==> flow/design.v <==
module dp_scratch_blk #(
    parameter integer DEPTH = 6,
    parameter integer DATA_W = 12,
    parameter integer NR = 1,
    parameter integer AWIDTH = $clog2(DEPTH)
) (
    input  logic sys_clk,
    input  logic i_wr,
    input  logic [AWIDTH-1:0] i_wa,
    input  logic [DATA_W-1:0] i_din,
    input  logic [NR*AWIDTH-1:0] i_read_addr,
    output logic [NR*DATA_W-1:0] o_rd_data
);
    logic r_wr;
    logic [AWIDTH-1:0] r_wa;
    logic [DATA_W-1:0] r_din;
    always_ff @(posedge sys_clk) begin
        r_wr <= i_wr;
        r_wa <= i_wa;
        r_din <= i_din;
    end
    logic [DATA_W-1:0] rf [DEPTH-1:0];
    always_ff @(posedge sys_clk) begin
        if (r_wr)
            rf[r_wa] <= r_din;
    end
    logic [NR*AWIDTH-1:0] r_read_addr;
    always_ff @(posedge sys_clk) begin
        r_read_addr <= i_read_addr;
    end
    logic [NR*DATA_W-1:0] cur;
    for (genvar j = 0; j < NR; j++) begin : stage
        assign cur[j*DATA_W +: DATA_W] = rf[r_read_addr[j*AWIDTH +: AWIDTH]];
    end
    assign o_rd_data = cur;
endmodule
# Step by step through the tools: dp_scratch_blk
# A sweep over "NR": the same steps for each member of the family.
# The file above is the member NR = 1. Line numbers count from 1 in each member's own file.
# Operators: Yosys type, input widths -> output width; for muxes data width and select width s.
# Not given: -
[inputs]
design = "dp_scratch_blk"
clock = "sys_clk"
lib = "sky130hd"
lib_corner = "tt_025C_1v80"

# Members of the sweep
# New or changed lines of each further member against the RTL above, in its own file; lines it lacks are not shown.
[src_changes]
columns = ["NR", "line_no", "text"]
rows = [
  [2, 4, "parameter integer NR = 2,"],
  [4, 4, "parameter integer NR = 4,"],
  [5, 4, "parameter integer NR = 5,"],
  [6, 4, "parameter integer NR = 6,"],
  [8, 4, "parameter integer NR = 8,"],
]

# Word-level counts
# Yosys after proc, flatten, opt, wreduce and memory -nomap, before mapping. Enables and synchronous resets that opt folds into registers are not counted as muxes. Memory bits, and registers merged into a memory's read port (data or address), are not among the register bits. Print and check cells are not counted. Equal cells are merged and count once.
# Memory sizes are those after Yosys's memory passes, which may raise the word count (mostly to a power of two), join words into wider ones and drop unused or constant bits.
[bits]
columns = ["NR", "regBits", "ram_bits", "clocked_rd_ports_x_width", "mem_count", "input_bits", "out_inout_bits", "elab_cells"]
rows = [
  [1, 16, 72, 12, 1, 20, 12, 7],
  [2, 16, 72, 24, 1, 23, 24, 7],
  [4, 16, 72, 48, 1, 29, 48, 7],
  [5, 16, 72, 60, 1, 32, 60, 7],
  [6, 16, 72, 72, 1, 35, 72, 7],
  [8, 16, 72, 96, 1, 41, 96, 7],
]
[memory_table]
columns = ["NR", "mem_shapes"]
rows = [
  [1, "rf 6 x 12 bit 1R1W"],
  [2, "rf 6 x 12 bit 2R1W"],
  [4, "rf 6 x 12 bit 4R1W"],
  [5, "rf 6 x 12 bit 5R1W"],
  [6, "rf 6 x 12 bit 6R1W"],
  [8, "rf 6 x 12 bit 8R1W"],
]
[op_classes]
columns = ["NR", "muxes"]
rows = [
  [1, 3],
  [2, 3],
  [4, 3],
  [5, 3],
  [6, 3],
  [8, 3],
]
[op_table]
columns = ["NR", "operators"]
rows = [
  [1, "$mux 12 (1); $mux 3 (1); $mux 1 (1)"],
  [2, "$mux 12 (1); $mux 3 (1); $mux 1 (1)"],
  [4, "$mux 12 (1); $mux 3 (1); $mux 1 (1)"],
  [5, "$mux 12 (1); $mux 3 (1); $mux 1 (1)"],
  [6, "$mux 12 (1); $mux 3 (1); $mux 1 (1)"],
  [8, "$mux 12 (1); $mux 3 (1); $mux 1 (1)"],
]

# Longest topological paths
# Depth = most cells in a row (Yosys ltp): at word level without a register or memory, in the mapped netlist without a sequential cell, where the memories' decode and read muxes count.
[depth]
columns = ["NR", "depth_word", "abc_area", "depth_mapped", "depth_no_buf"]
rows = [
  [1, 1, 0, 5, 3],
  [2, 1, 0, 4, 2],
  [4, 1, 0, 4, 2],
  [5, 1, 0, 4, 2],
  [6, 1, 0, 5, 3],
  [8, 1, 0, 4, 2],
]

# Mapped cells and area
# Yosys stat after the flow's synthesis: flattened, memories mapped to cells. It holds for the ABC_AREA given above (unset counts as 0); a run with the other value may have another netlist.
# The area totals of this step are shown rounded.
[mapped]
columns = ["NR", "mapped_cells", "mapped_area_mm2", "seqArea_mm2", "flip_flops", "buffers"]
rows = [
  [1, 170, 0.00319, 0.00254, 91, 7],
  [2, 186, 0.00381, 0.0026, 94, 10],
  [4, 274, 0.0051, 0.00272, 100, 20],
  [5, 318, 0.00575, 0.00278, 103, 25],
  [6, 389, 0.00638, 0.00284, 106, 32],
  [8, 449, 0.00768, 0.00296, 112, 40],
]
[by_type]
columns = ["NR", "type_list"]
rows = [
  [1, "sky130_fd_sc_hd__edfxtp_1 (72); sky130_fd_sc_hd__dfxtp_1 (19); sky130_fd_sc_hd__mux2i_1 (36); sky130_fd_sc_hd__a22o_1 (12); sky130_fd_sc_hd__a21oi_1 (12); sky130_fd_sc_hd__buf_6 (2); sky130_fd_sc_hd__buf_12 (1); sky130_fd_sc_hd__nand2b_1 (3); sky130_fd_sc_hd__nor2_1 (5); sky130_fd_sc_hd__buf_8 (1); sky130_fd_sc_hd__clkbuf_1 (3); sky130_fd_sc_hd__nor3_1 (2); sky130_fd_sc_hd__nor2b_1 (1); sky130_fd_sc_hd__nand2_1 (1)"],
  [2, "sky130_fd_sc_hd__edfxtp_1 (72); sky130_fd_sc_hd__mux4_2 (24); sky130_fd_sc_hd__mux2_2 (40); sky130_fd_sc_hd__dfxtp_1 (22); sky130_fd_sc_hd__mux2_1 (8); sky130_fd_sc_hd__buf_6 (5); sky130_fd_sc_hd__nand2b_1 (3); sky130_fd_sc_hd__nor2_1 (4); sky130_fd_sc_hd__buf_2 (2); sky130_fd_sc_hd__nor3_1 (2); sky130_fd_sc_hd__buf_1 (2); sky130_fd_sc_hd__clkbuf_1 (1); sky130_fd_sc_hd__nand2_1 (1)"],
  [4, "sky130_fd_sc_hd__edfxtp_1 (72); sky130_fd_sc_hd__mux4_2 (48); sky130_fd_sc_hd__mux2_2 (69); sky130_fd_sc_hd__dfxtp_1 (28); sky130_fd_sc_hd__mux2_1 (27); sky130_fd_sc_hd__buf_6 (12); sky130_fd_sc_hd__buf_2 (4); sky130_fd_sc_hd__nand2b_1 (3); sky130_fd_sc_hd__clkbuf_1 (4); sky130_fd_sc_hd__nor2_1 (4); sky130_fd_sc_hd__nor3_1 (2); sky130_fd_sc_hd__nand2_1 (1)"],
  [5, "sky130_fd_sc_hd__edfxtp_1 (72); sky130_fd_sc_hd__mux4_2 (60); sky130_fd_sc_hd__mux2_2 (86); sky130_fd_sc_hd__dfxtp_1 (31); sky130_fd_sc_hd__mux2_1 (34); sky130_fd_sc_hd__buf_6 (15); sky130_fd_sc_hd__buf_2 (5); sky130_fd_sc_hd__clkbuf_1 (5); sky130_fd_sc_hd__nand2b_1 (3); sky130_fd_sc_hd__nor2_1 (4); sky130_fd_sc_hd__nor3_1 (2); sky130_fd_sc_hd__nand2_1 (1)"],
  [6, "sky130_fd_sc_hd__edfxtp_1 (72); sky130_fd_sc_hd__mux4_2 (60); sky130_fd_sc_hd__mux2_2 (85); sky130_fd_sc_hd__dfxtp_1 (34); sky130_fd_sc_hd__mux2_1 (35); sky130_fd_sc_hd__mux2i_1 (36); sky130_fd_sc_hd__buf_6 (15); sky130_fd_sc_hd__a22o_1 (12); sky130_fd_sc_hd__a21oi_1 (12); sky130_fd_sc_hd__buf_2 (6); sky130_fd_sc_hd__clkbuf_1 (8); sky130_fd_sc_hd__buf_4 (3); sky130_fd_sc_hd__nand2b_1 (2); sky130_fd_sc_hd__nor2_1 (3); sky130_fd_sc_hd__and4b_1 (1); sky130_fd_sc_hd__nor3_1 (2); sky130_fd_sc_hd__nor3b_1 (1); sky130_fd_sc_hd__nor2b_1 (1); sky130_fd_sc_hd__nand2_1 (1)"],
  [8, "sky130_fd_sc_hd__edfxtp_1 (72); sky130_fd_sc_hd__mux4_2 (96); sky130_fd_sc_hd__mux2_2 (133); sky130_fd_sc_hd__dfxtp_1 (40); sky130_fd_sc_hd__mux2_1 (59); sky130_fd_sc_hd__buf_6 (24); sky130_fd_sc_hd__buf_2 (8); sky130_fd_sc_hd__clkbuf_1 (8); sky130_fd_sc_hd__nand2b_1 (2); sky130_fd_sc_hd__and4b_1 (1); sky130_fd_sc_hd__nor3_1 (2); sky130_fd_sc_hd__nor2_1 (2); sky130_fd_sc_hd__nor3b_1 (1); sky130_fd_sc_hd__nand2_1 (1)"],
]

# Worst setup path after synthesis
# Path of least setup slack by OpenSTA after synthesis, without wires, with an ideal clock, recovery checks aside; 20% of the period is set as input and as output delay. Where synthesis merged equal registers, the netlist keeps one of their names.
[synth_timing]
columns = ["NR", "path_type", "start", "end", "clock_period_ns", "setup_slack_ns", "path_stages", "path_delay_ns", "synth_period_reached_ns"]
rows = [
  [1, "reg2reg", "register r_wa[0]", "memory rf[0][0]", 2.14, 0.425, 3, 1.715, 1.715],
  [2, "reg2out", "register (name not given)", "output port o_rd_data[15]", 2.14, 0.343, 5, 1.369, 1.797],
  [4, "reg2out", "register (name not given)", "output port o_rd_data[24]", 2.14, 0.360, 5, 1.352, 1.78],
  [5, "reg2out", "register (name not given)", "output port o_rd_data[10]", 2.14, 0.361, 5, 1.351, 1.779],
  [6, "reg2reg", "register r_wa[1]", "memory rf[4][0]", 2.29, 0.454, 3, 1.836, 1.836],
  [8, "reg2reg", "register r_wa[1]", "memory rf[4][0]", 2.29, 0.454, 3, 1.836, 1.836],
]
# "path_delay_ns" is the arrival time less input delay plus setup time.
# A path that ends at an output port has no setup time.
# "path_stages" counts driving pins, that of a launching flip-flop among them; a cell with two outputs on the path counts twice.
# "synth_period_reached_ns" is the clock period less the worst setup slack; recovery checks do not enter. This is arithmetic on one report: input and output delays are still those of the set period (20% each).
# The rows between start and end are the longest chain of elaborated cells between them; the timing report does not say that the signal goes this way. Where chains are equally long, one stands for them.
# A line is the first line of the expression or statement that the cell stems from. Yosys adds cells for indexed reads and writes and turns some case tables into memories.
[synth_via_NR_1]
elab_chain_len = 1
[synth_rtl_NR_1]
columns = ["element", "line_no", "text"]
rows = [
  ["start: declaration", 15, "logic [AWIDTH-1:0] r_wa;"],
  ["start: assignment", 19, "r_wa <= i_wa;"],
  ["$mux 3", 24, "if (r_wr)"],
  ["end: declaration", 22, "logic [DATA_W-1:0] rf [DEPTH-1:0];"],
]
[synth_via_NR_8]
elab_chain_len = 1
[synth_rtl_NR_8]
columns = ["element", "line_no", "text"]
rows = [
  ["start: declaration", 15, "logic [AWIDTH-1:0] r_wa;"],
  ["start: assignment", 19, "r_wa <= i_wa;"],
  ["$mux 3", 24, "if (r_wr)"],
  ["end: declaration", 22, "logic [DATA_W-1:0] rf [DEPTH-1:0];"],
]

# Worst path after layout
# From the final timing report of each member's run: the path of least setup slack in the routed layout; clock arrival at registers is part of the times.
[layout_timing]
columns = ["NR", "path_type", "start", "end", "clock_period_ns", "setup_slack_ns", "path_stages", "t_arrival_ns", "n_path_buf"]
rows = [
  [1, "reg2out", "register (name not given)", "output port o_rd_data[5]", 2.14, 0.07, 6, 1.64, 2],
  [2, "reg2out", "register (name not given)", "output port o_rd_data[1]", 2.14, -0.21, 6, 1.92, 3],
  [4, "reg2out", "register (name not given)", "output port o_rd_data[37]", 2.14, -0.22, 6, 1.94, 3],
  [5, "reg2out", "register (name not given)", "output port o_rd_data[59]", 2.14, -0.24, 6, 1.96, 3],
  [6, "reg2out", "register (name not given)", "output port o_rd_data[35]", 2.29, -0.07, 5, 1.91, 2],
  [8, "reg2out", "register (name not given)", "output port o_rd_data[58]", 2.29, -0.16, 6, 2.00, 3],
]

# Layout results
# One run of the flow (Yosys, OpenROAD) for each member, with settings and measured results. Input and output delays are each 20% of the period that was set; the output load is 0.01 pF.
[flow_settings]
CAP_MARGIN = 20
CORE_MARGIN = 2
CORE_UTILIZATION = 40
SLEW_MARGIN = 20
[settings_diff]
columns = ["NR", "period_ns"]
rows = [
  [1, 2.14],
  [2, 2.14],
  [4, 2.14],
  [5, 2.14],
  [6, 2.29],
  [8, 2.29],
]
[results]
columns = ["NR", "synthesis_area_mm2", "die_mm2", "final_stdcell_area_mm2", "post_route_util_pct", "setup_worst_slack_ns", "fin_tns_ns", "fin_hold_ws_ns", "total_power_mw", "achieved_period_ns"]
rows = [
  [1, 0.00319, 0.00872, 0.00392, 50.7, 0.069, 0.000, 0.507, 3.32, 2.071],
  [2, 0.00381, 0.0103, 0.00513, 55.5, -0.207, -4.03, 0.498, 3.62, 2.347],
  [4, 0.0051, 0.0137, 0.00727, 58.1, -0.223, -5.42, 0.520, 4.81, 2.363],
  [5, 0.00575, 0.0153, 0.00821, 58.9, -0.244, -9.26, 0.512, 4.97, 2.384],
  [6, 0.00638, 0.017, 0.00866, 55.1, -0.074, -1.65, 0.524, 4.72, 2.364],
  [8, 0.00768, 0.0203, 0.0113, 60.3, -0.164, -8.32, 0.524, 5.59, 2.454],
]
# "achieved_period_ns": clock period set for the run, less the worst setup slack. It is reckoned from that one timing run; input and output delays stay at 20% of the period that was set.
# "total_power_mw": no workload was simulated; the value follows from the tool's default switching activity.
# Measured values are rounded.
